==> flow/design.v <==
module u_mpy #(
   parameter BITS = 9
) (
   input  CLK,
   input  i_rst_n,
   input  [BITS-1:0] i_in0,
   input  [BITS-1:0] i_in1,
   output [2*BITS-1:0] o_q
);
   reg [BITS-1:0] in0_s;
   reg [BITS-1:0] in1_s;
   always @(posedge CLK or negedge i_rst_n) begin
      if (!i_rst_n) begin
         in0_s <= 0;
         in1_s <= 0;
      end else begin
         in0_s <= i_in0;
         in1_s <= i_in1;
      end
   end
   assign o_q = in0_s * in1_s;
endmodule
## From RTL to reports: u_mpy

Tool output for the design above, in the order of the flow.
Lines are those of the file above, counted from 1.
Cell names lack the library's common part.
The mark - stands for no value.

| design | value |
|---|---|
| top | u_mpy |
| clock port | CLK |
| standard-cell library | sky130hd |
| timing corner | tt_025C_1v80 |

## After elaboration

Source: Yosys, flattened and elaborated, memories not mapped. Widths are those after wreduce; folded enables and synchronous resets count as part of the registers. Registers that Yosys merges into a memory's read port (data or address) are not register bits. Print and check cells do not count. Equal cells are merged and count once.

| word-level totals | value |
|---|---|
| output and inout bits | 18 |
| latch bits | 0 |
| memories | 0 |
| flip-flop bits (word level) | 18 |
| clocked read ports x word width | 0 |
| RAM bits | 0 |
| elaborated cells | 3 |
| ROM bits | 0 |

| operators by class | value |
|---|---|
| shift-type cells | 0 |
| mux-type cells | 0 |
| $lt $le $gt $ge | 0 |
| reductions and logical operators | 0 |
| divide/modulo/power cells | 0 |
| multiply operators | 1 |
| $add $sub $neg | 0 |
| bitwise operators | 0 |
| equal/unequal tests | 0 |

Operators by type and width:

| kind | count |
|---|---|
| 9-bit by 9-bit multiplier with 18-bit output | 1 |

## Logic depth

Longest topological path by Yosys (ltp), each cell counted once; first at word level (registers and memories cut), then after technology mapping (sequential cells cut; the memories' decode and read muxes count).

| depth | value |
|---|---|
| depth after elaboration | 1 |
| ABC_AREA | 0 |
| gate-level depth with buffers | 17 |

## Synthesis result

Yosys stat after the flow's synthesis: flattened, memories mapped to cells. It holds for the ABC_AREA given above (unset counts as 0); a run with the other value may have another netlist.

Cell types:

| cell | count | total area (sq um) |
|---|---|---|
| fa_1 | 50 | 1000.96 |
| ha_1 | 38 | 475.456 |
| dfrtp_1 | 18 | 450.432 |
| and2_1 | 51 | 319.056 |
| inv_1 | 73 | 274.013 |
| nand2_1 | 34 | 127.622 |
| xnor2_1 | 7 | 61.309 |
| a21oi_1 | 10 | 50.048 |
| nor2_1 | 10 | 37.536 |
| a211o_1 | 4 | 35.034 |
| o21a_1 | 4 | 30.029 |
| o41ai_4 | 1 | 27.526 |
| o21ai_0 | 4 | 20.019 |
| nand4b_1 | 2 | 17.517 |
| o311ai_0 | 2 | 17.517 |
| xor2_1 | 2 | 17.517 |
| a211oi_1 | 2 | 15.014 |
| o21bai_1 | 2 | 15.014 |

Other cell types: 15; their cells: 20.

| mapped netlist | value |
|---|---|
| flip-flops | 18 |
| sequential area | 450.4 sq um |
| standard cells after synthesis | 334 |
| buffers | 4 |
| cell area after synthesis | 3124.2 sq um |

## Timing after synthesis

OpenSTA on the mapped netlist: ideal clock, no wires. The path of least setup slack (recovery checks aside). Input and output delay are each 20% of the period. Register names are those of the netlist, which keeps one name where synthesis merged equal registers.

| timing post-synthesis | value |
|---|---|
| path type | register -> output |
| start point | register in0_s[2] |
| end point | output port o_q[17] |
| delay of the path | 4.069 ns |
| arrival time | 4.069 ns |
| period | 6.36 ns |
| stages on the path | 13 |
| setup slack | 1.019 ns |
| required time | 5.088 ns |
| period reached after synthesis | 5.341 ns |

"delay of the path" = arrival - input delay + setup time.
A path that ends at an output port has no setup time.
"stages on the path" counts driving pins, that of a launching flip-flop among them; a cell with two outputs on the path counts twice.
"period reached after synthesis" is the clock period less the worst setup slack; recovery checks do not enter. This is arithmetic on one report: input and output delays are still those of the set period (20% each).
The rows between start and end are the longest chain of elaborated cells between them; the timing report does not say that the signal goes this way. Where chains are equally long, one stands for them.
Each line given opens the expression or statement behind the cell; cells for indexed reads and writes are added by Yosys, which also makes memories of some case tables.

| on the way, post-synthesis | value |
|---|---|
| cells stage by stage | dfrtp_1 -> and2_1 -> fa_1 -> fa_1 -> fa_1 -> inv_1 -> fa_1 -> inv_1 -> ha_1 -> a211o_1 -> o21a_1 -> a22o_1 -> a211o_1 |
| cells in the longest elaborated chain | 1 |

Ends and longest elaborated chain, post-synthesis:

| element | RTL line | text |
|---|---|---|
| start, declared | 10 | `reg [BITS-1:0] in0_s;` |
| start, assigned | 14 | `in0_s <= 0;` |
| start, assigned | 17 | `in0_s <= i_in0;` |
| 9-bit by 9-bit multiplier with 18-bit output | 21 | `assign o_q = in0_s * in1_s;` |
| end, declared | 8 | `output [2*BITS-1:0] o_q` |

## Timing after layout

From the final timing report of run 1: the path of least setup slack in the routed layout; clock arrival at registers is part of the times.

| timing after layout | value |
|---|---|
| path type | register -> output |
| start point | register in1_s[5] |
| end point | output port o_q[16] |
| period | 6.36 ns |
| required time | 5.09 ns |
| arrival time | 4.97 ns |
| setup slack | 0.12 ns |
| stages on the path | 17 |

The rows between start and end are the longest chain of elaborated cells between them; the timing report does not say that the signal goes this way. Where chains are equally long, one stands for them.

| on the way, after layout | value |
|---|---|
| cells stage by stage | dfrtp_2 -> clkbuf_2 -> and2_1 -> fa_1 -> fa_1 -> ha_1 -> inv_1 -> fa_1 -> inv_1 -> ha_1 -> nor2b_4 -> o31a_1 -> o41ai_4 -> buf_4 -> nor4bb_2 -> a211o_1 -> clkdlybuf4s50_1 |
| cells in the longest elaborated chain | 1 |

Ends and longest elaborated chain, after layout:

| element | RTL line | text |
|---|---|---|
| start, declared | 11 | `reg [BITS-1:0] in1_s;` |
| start, assigned | 15 | `in1_s <= 0;` |
| start, assigned | 18 | `in1_s <= i_in1;` |
| 9-bit by 9-bit multiplier with 18-bit output | 21 | `assign o_q = in0_s * in1_s;` |
| end, declared | 8 | `output [2*BITS-1:0] o_q` |

--- measured runs ---
Module u_mpy, platform sky130hd: 3 stored runs of the flow (Yosys, OpenROAD) with differing settings, in no particular order. Input and output delays are each 20% of the period that was set; the output load is 0.01 pF.
"reached clock period" means the clock period less the worst setup slack. The figure is calculated, with input and output delays left at 20% of the set period.
By "worst path time" is meant the share of the clock period that the worst setup path is allowed (20% is reserved at inputs, 20% at outputs), minus its slack. Clock arrival times at its registers enter into it.
"total power after layout" rests on the timing tool's default activity at the inputs, not on a simulated workload.

#### Run 1

| setting | value |
|---|---|
| period_ns | `6.36` |
| CAP_MARGIN | `20` |
| CORE_MARGIN | `2` |
| CORE_UTILIZATION | `40` |
| SLEW_MARGIN | `20` |

| result | value |
|---|---|
| area of the synthesized netlist | 3124.2 sq um |
| die size | 8533.1 sq um |
| standard-cell area after layout | 3761.1 sq um |
| utilization | 49.2% |
| setup slack of the worst path | 0.120 ns |
| total power after layout | 1331 uW |
| reached clock period | 6.240 ns |
| worst path time | 4.97 ns |
| critical path kind | register -> output |

#### Run 2

| setting | value |
|---|---|
| period_ns | `7.62` |
| CORE_UTILIZATION | `43` |
| PLACE_DENSITY | `0.45` |
| HOLD_SLACK_MARGIN | `0.26` |
| CORE_MARGIN | `8` |
| CELL_PAD_IN_SITES_GLOBAL_PLACEMENT | `3` |
| CELL_PAD_IN_SITES_DETAIL_PLACEMENT | `2` |
| ABC_AREA | `0` |
| GPL_TIMING_DRIVEN | `1` |
| GPL_ROUTABILITY_DRIVEN | `0` |
| SLEW_MARGIN | `35` |
| CAP_MARGIN | `20` |

| result | value |
|---|---|
| area of the synthesized netlist | 3124.2 sq um |
| die size | 10249.5 sq um |
| standard-cell area after layout | 3652.2 sq um |
| utilization | 51.2% |
| setup slack of the worst path | 0.792 ns |
| total power after layout | 1128 uW |
| reached clock period | 6.828 ns |
| worst path time | 5.30 ns |
| critical path kind | register -> output |

#### Run 3

| setting | value |
|---|---|
| period_ns | `3.61` |
| CORE_UTILIZATION | `45` |
| PLACE_DENSITY_LB_ADDON | `0.22` |
| CORE_ASPECT_RATIO | `0.98` |
| TNS_END_PERCENT | `15` |
| GPL_TIMING_DRIVEN | `1` |
| CAP_MARGIN | `35` |
| SLEW_MARGIN | `30` |
| MIN_ROUTING_LAYER | `met2` |
| MAX_ROUTING_LAYER | `met4` |
| CORE_MARGIN | `2` |

| result | value |
|---|---|
| area of the synthesized netlist | 3124.2 sq um |
| die size | 7625.4 sq um |
| standard-cell area after layout | 4362.9 sq um |
| utilization | 63.9% |
| setup slack of the worst path | -1.535 ns |
| total power after layout | 2815 uW |
| reached clock period | 5.145 ns |
| worst path time | 4.42 ns |
| critical path kind | register -> output |
--- end ---
